==> flow/design.v <==
module mult_rtl #(
    parameter int DWIDTH = 22
) (
    input  logic aclk,
    input  logic rst_ni,
    input  logic [DWIDTH-1:0] arg0,
    input  logic [DWIDTH-1:0] arg1,
    output logic [2*DWIDTH-1:0] res
);
    logic [DWIDTH-1:0] arg0_s;
    logic [DWIDTH-1:0] arg1_s;
    localparam int HALF = DWIDTH / 2;
    logic [DWIDTH-1:0] ll;
    half_mul #(.N(HALF)) el (.a(arg0_s[HALF-1:0]), .b(arg1_s[HALF-1:0]), .p(ll));
    logic [DWIDTH-1:0] lh;
    half_mul #(.N(HALF)) inst (.a(arg0_s[HALF-1:0]), .b(arg1_s[DWIDTH-1:HALF]), .p(lh));
    logic [DWIDTH-1:0] hl;
    half_mul #(.N(HALF)) i_sub (.a(arg0_s[DWIDTH-1:HALF]), .b(arg1_s[HALF-1:0]), .p(hl));
    logic [DWIDTH-1:0] hh;
    half_mul #(.N(HALF)) u0 (.a(arg0_s[DWIDTH-1:HALF]), .b(arg1_s[DWIDTH-1:HALF]), .p(hh));
    logic [DWIDTH-1:0] ll_s;
    logic [DWIDTH-1:0] lh_s;
    logic [DWIDTH-1:0] hl_s;
    logic [DWIDTH-1:0] hh_s;
    logic [DWIDTH:0] w2;
    assign w2 = lh_s + hl_s;
    always_ff @(posedge aclk or negedge rst_ni) begin
        if (~rst_ni) begin
            arg0_s <= '0;
            arg1_s <= '0;
            ll_s <= '0;
            lh_s <= '0;
            hl_s <= '0;
            hh_s <= '0;
            res <= '0;
        end else begin
            arg0_s <= arg0;
            arg1_s <= arg1;
            ll_s <= ll;
            lh_s <= lh;
            hl_s <= hl;
            hh_s <= hh;
            res <= {hh_s, ll_s} + {w2, {HALF{1'b0}}};
        end
    end
endmodule
module half_mul #(parameter N = 4) (
    input logic [N-1:0] a,
    input logic [N-1:0] b,
    output logic [2*N-1:0] p
);
    assign p = a * b;
endmodule
# [Step by step through the tools: mult_rtl]
# The steps from the RTL of mult_rtl to its reports follow in flow order.
# Lines are those of the file above, counted from 1.
# Library cell names are shortened.
# The mark - stands for no value.
[inputs] top="mult_rtl" clk_port="aclk" lib="sky130hd" corner="tt_025C_1v80"

# [After elaboration]
# Source: Yosys, flattened and elaborated, memories not mapped. Widths are those after wreduce; folded enables and synchronous resets count as part of the registers. Registers that Yosys merges into a memory's read port (data or address) are not register bits. Print and check cells do not count. Equal cells are merged and count once.
[classes] n_mul=4 add_sub_neg=2
[op_table] operator="multiplier 11 x 11 -> 22 bit" count=4
[op_table] operator="adder 44 x 34 -> 44 bit" count=1
[op_table] operator="adder 22 x 22 -> 23 bit" count=1
[bits] reg_bits=176 output_inout_bits=44 word_cells=13 in_bits=46

# [Logic depth]
# Depth = most cells in a row (Yosys ltp): at word level without a register or memory, in the mapped netlist without a sequential cell, where the memories' decode and read muxes count.
[depth] word_depth=2 ABC_AREA=0 mapped_depth=21 depth_no_buf=20

# [Netlist]
# Source: synth_stat.txt of the flow (Yosys; design flattened, memories mapped). It holds for the ABC_AREA given above (unset counts as 0); a run with the other value may have another netlist.
[mapped] mapped_cells=2373 buf_cells=100 seqArea_um2=4404.2 area_um2=22644.2 ff_cells=176
[types] type="fa_1" count=322 type_area_um2=6.45E+03
[types] type="dfrtp_1" count=176 type_area_um2=4.4E+03
[types] type="ha_1" count=285 type_area_um2=3565.92
[types] type="and2_1" count=274 type_area_um2=1.71E+03
[types] type="inv_1" count=425 type_area_um2=1595.28
[types] type="nand2_1" count=255 type_area_um2=957.168
[types] type="xnor2_1" count=89 type_area_um2=779.498
[types] type="a21oi_1" count=83 type_area_um2=415.398
[types] type="clkbuf_1" count=100 type_area_um2=375.36
[types] type="a21o_1" count=46 type_area_um2=345.331
[types] type="xor2_1" count=32 type_area_um2=280.269
[types] type="nor2_1" count=58 type_area_um2=217.709
[types] type="o21ai_0" count=41 type_area_um2=205.197
[types] type="o21a_1" count=21 type_area_um2=157.651
[types] type="nor2b_1" count=15 type_area_um2=93.84
[types] type="nand3_1" count=18 type_area_um2=90.086
[types] type="a211oi_1" count=10 type_area_um2=75.072
[types] type="a31oi_1" count=11 type_area_um2=68.816
# Other cell types: 40; their cells: 112.
# The figures by module come from a second, unflattened synthesis with its own total; it is not the netlist above.
[unflattened] hier_cells=2440 area_unflattened_um2=23386.2
# Rows give one instance, submodules left out.
[modules] mod="half_mul (N=11)" cells=484 seq_area_um2=0.0 mod_area_um2=4124.0 instances=4
[modules] mod="mult_rtl" cells=504 seq_area_um2=4404.2 mod_area_um2=6890.4 instances=1

# [Timing after synthesis]
# OpenSTA on the mapped netlist: ideal clock, no wires. The path of least setup slack (recovery checks aside). Input and output delay are each 20% of the period. Register names are those of the netlist, which keeps one name where synthesis merged equal registers.
[synth_timing] path_type="register to register" startpoint="reg arg0_s[18]" endpoint="reg hl_s[19]" launch_ns=0.000 path_buffers=1 setup_slack_ns=1.322 t_arrival_ns=5.218 delay_ns=5.298 period_ns=6.62 driving_pins=20 setup_ns=0.080 required_time_ns=6.540 period_less_setup_slack_ns=5.298
# "delay_ns" is the arrival time less input delay plus setup time.
# "driving_pins": output pins that drive a net of the path, with the launching flip-flop's if there is one; two outputs of one cell count as two.
# "period_less_setup_slack_ns" = period - worst setup slack (recovery checks aside). The figure is calculated, with input and output delays left at 20% of the set period.
# The rows between start and end are the longest chain of elaborated cells between them; the timing report does not say that the signal goes this way. Where chains are equally long, one stands for them.
# Each line given opens the expression or statement behind the cell; cells for indexed reads and writes are added by Yosys, which also makes memories of some case tables.
[synth_between] path_cell_list="dfrtp_1 -> clkbuf_1 -> nand2_1 -> fa_1 -> fa_1 -> fa_1 -> inv_1 -> fa_1 -> inv_1 -> fa_1 -> inv_1 -> ha_1 -> or3_1 -> o21a_1 -> a21o_1 -> o31a_4 -> a211o_1 -> a221o_1 -> a21oi_2 -> xnor2_1" elab_chain_len=1 cells_between=1 lines_between=1 cone_classes="mul: 1"
[synth_lines] element="start: declaration" line=10 rtl="logic [DWIDTH-1:0] arg0_s;"
[synth_lines] element="start: assignment" line=29 rtl="arg0_s <= '0;"
[synth_lines] element="start: assignment" line=37 rtl="arg0_s <= arg0;"
[synth_lines] element="multiplier 11 x 11 -> 22 bit" line=52 rtl="assign p = a * b;"
[synth_lines] element="end: assignment" line=33 rtl="hl_s <= '0;"
[synth_lines] element="end: assignment" line=41 rtl="hl_s <= hl;"
[synth_lines] element="end: declaration" line=23 rtl="logic [DWIDTH-1:0] hl_s;"

# [Path in the finished layout]
# From the final timing report of entry A: the path of least setup slack in the routed layout; clock arrival at registers is part of the times.
[layout_timing] path_type="register to register" startpoint="reg arg1_s[3]" endpoint="reg ll_s[19]" period_ns=8.97 path_buffers=0 t_arrival_ns=6.81 launch_ns=0.49 driving_pins=19 setup_slack_ns=2.53 required_time_ns=9.34 setup_ns=0.11
# The rows between start and end are the longest chain of elaborated cells between them; the timing report does not say that the signal goes this way. Where chains are equally long, one stands for them.
[layout_between] path_cell_list="dfrtp_1 -> nand2_1 -> fa_1 -> inv_1 -> fa_1 -> fa_1 -> fa_1 -> inv_1 -> fa_1 -> inv_1 -> ha_1 -> a21o_1 -> a21oi_1 -> inv_1 -> a211oi_2 -> a21oi_1 -> or4_1 -> a31oi_1 -> xnor2_1" elab_chain_len=1 cells_between=1 lines_between=1 cone_classes="mul: 1"
[layout_lines] element="start: declaration" line=11 rtl="logic [DWIDTH-1:0] arg1_s;"
[layout_lines] element="start: assignment" line=30 rtl="arg1_s <= '0;"
[layout_lines] element="start: assignment" line=38 rtl="arg1_s <= arg1;"
[layout_lines] element="multiplier 11 x 11 -> 22 bit" line=52 rtl="assign p = a * b;"
[layout_lines] element="end: assignment" line=31 rtl="ll_s <= '0;"
[layout_lines] element="end: assignment" line=39 rtl="ll_s <= ll;"
[layout_lines] element="end: declaration" line=21 rtl="logic [DWIDTH-1:0] ll_s;"

Data sheet: physical implementation of mult_rtl

Settings and measured results of 3 stored flow runs for module mult_rtl (sky130hd), not sorted in any way. The constraints put input and output delay at 20% of the set period each and load the outputs with 0.01 pF.
By "achievedPeriod_ns" is meant the clock period of the run minus its worst setup slack. This is arithmetic on one report: input and output delays are still those of the set period (20% each).
"worstPathTime_ns" is the time allowed to the run's worst setup path (the clock period less input and output delay, where it has them) less its slack. Clock arrival times count: a late capture clock shortens it, a late launch clock lengthens it.

[flow] entry A: files
==> flow/run.sh <==
#!/bin/bash
# the make line also repeats the synthesis and layout settings of config.mk as NAME=value (left out here)
make -C /OpenROAD-flow-scripts/flow DESIGN_CONFIG=/design/flow/config.mk WORK_HOME=/design/flow/orfs CLKGATE_MAP_FILE= finish
==> flow/config.mk <==
export PLATFORM = sky130hd
export DESIGN_NAME = mult_rtl
export DESIGN_NICKNAME = mult_rtl
export VERILOG_FILES = /design/flow/design.v
export SDC_FILE = /design/flow/constraint.sdc
export NUM_CORES = 4
export LEC_CHECK = 0
export CAP_MARGIN = 20
export CELL_PAD_IN_SITES_DETAIL_PLACEMENT = 1
export CORE_ASPECT_RATIO = 1.81
export CORE_MARGIN = 2
export CORE_UTILIZATION = 38
export PLACE_DENSITY_LB_ADDON = 0.08
export SLEW_MARGIN = 20
==> flow/constraint.sdc <==
create_clock -name core_clock -period 8.97 [get_ports {aclk}]
set_input_delay 1.7940 -clock core_clock [delete_from_list [all_inputs] [get_ports {aclk}]]
set_output_delay 1.7940 -clock core_clock [all_outputs]
set_load 0.01 [all_outputs]

[flow] entry A: metrics
[metrics] fin_tns_ns = 0.000
[metrics] fin_util_pct = 42.3
[metrics] setup_worst_slack_ns = 2.533
[metrics] final_hold_ws_ns = 0.353
[metrics] design.die.area_um2 = 61644.7
[metrics] achievedPeriod_ns = 6.437
[metrics] finish.stdcell_area_um2 = 24936.4
[metrics] worstPathTime_ns = 6.44
[metrics] worstPathKind = register to register
[metrics] synthArea_um2 = 22644.2

[flow] entry B: files
==> flow/run.sh <==
#!/bin/bash
# the make line also repeats the synthesis and layout settings of config.mk as NAME=value (left out here)
make -C /OpenROAD-flow-scripts/flow DESIGN_CONFIG=/design/flow/config.mk WORK_HOME=/design/flow/orfs CLKGATE_MAP_FILE= finish
==> flow/config.mk <==
export PLATFORM = sky130hd
export DESIGN_NAME = mult_rtl
export DESIGN_NICKNAME = mult_rtl
export VERILOG_FILES = /design/flow/design.v
export SDC_FILE = /design/flow/constraint.sdc
export NUM_CORES = 4
export LEC_CHECK = 0
export CAP_MARGIN = 20
export CORE_ASPECT_RATIO = 0.72
export CORE_MARGIN = 4
export CORE_UTILIZATION = 33
export GPL_TIMING_DRIVEN = 0
export PLACE_DENSITY_LB_ADDON = 0.28
export SLEW_MARGIN = 20
==> flow/constraint.sdc <==
create_clock -name core_clock -period 5.11 [get_ports {aclk}]
set_input_delay 1.0220 -clock core_clock [delete_from_list [all_inputs] [get_ports {aclk}]]
set_output_delay 1.0220 -clock core_clock [all_outputs]
set_load 0.01 [all_outputs]

[flow] entry B: metrics
[metrics] fin_tns_ns = -2.515
[metrics] fin_util_pct = 42.6
[metrics] setup_worst_slack_ns = -0.345
[metrics] final_hold_ws_ns = 0.351
[metrics] design.die.area_um2 = 72931.5
[metrics] achievedPeriod_ns = 5.455
[metrics] finish.stdcell_area_um2 = 28902.7
[metrics] worstPathTime_ns = 5.46
[metrics] worstPathKind = register to register
[metrics] synthArea_um2 = 22644.2

[flow] entry C: files
==> flow/run.sh <==
#!/bin/bash
# the make line also repeats the synthesis and layout settings of config.mk as NAME=value (left out here)
make -C /OpenROAD-flow-scripts/flow DESIGN_CONFIG=/design/flow/config.mk WORK_HOME=/design/flow/orfs CLKGATE_MAP_FILE= finish
==> flow/config.mk <==
export PLATFORM = sky130hd
export DESIGN_NAME = mult_rtl
export DESIGN_NICKNAME = mult_rtl
export VERILOG_FILES = /design/flow/design.v
export SDC_FILE = /design/flow/constraint.sdc
export NUM_CORES = 4
export LEC_CHECK = 0
export CAP_MARGIN = 20
export CORE_MARGIN = 2
export CORE_UTILIZATION = 40
export SLEW_MARGIN = 20
==> flow/constraint.sdc <==
create_clock -name core_clock -period 6.62 [get_ports {aclk}]
set_input_delay 1.3240 -clock core_clock [delete_from_list [all_inputs] [get_ports {aclk}]]
set_output_delay 1.3240 -clock core_clock [all_outputs]
set_load 0.01 [all_outputs]

[flow] entry C: metrics
[metrics] fin_tns_ns = 0.000
[metrics] fin_util_pct = 44.4
[metrics] setup_worst_slack_ns = 0.623
[metrics] final_hold_ws_ns = 0.351
[metrics] design.die.area_um2 = 58530.1
[metrics] achievedPeriod_ns = 5.997
[metrics] finish.stdcell_area_um2 = 24957.7
[metrics] worstPathTime_ns = 6.00
[metrics] worstPathKind = register to register
[metrics] synthArea_um2 = 22644.2
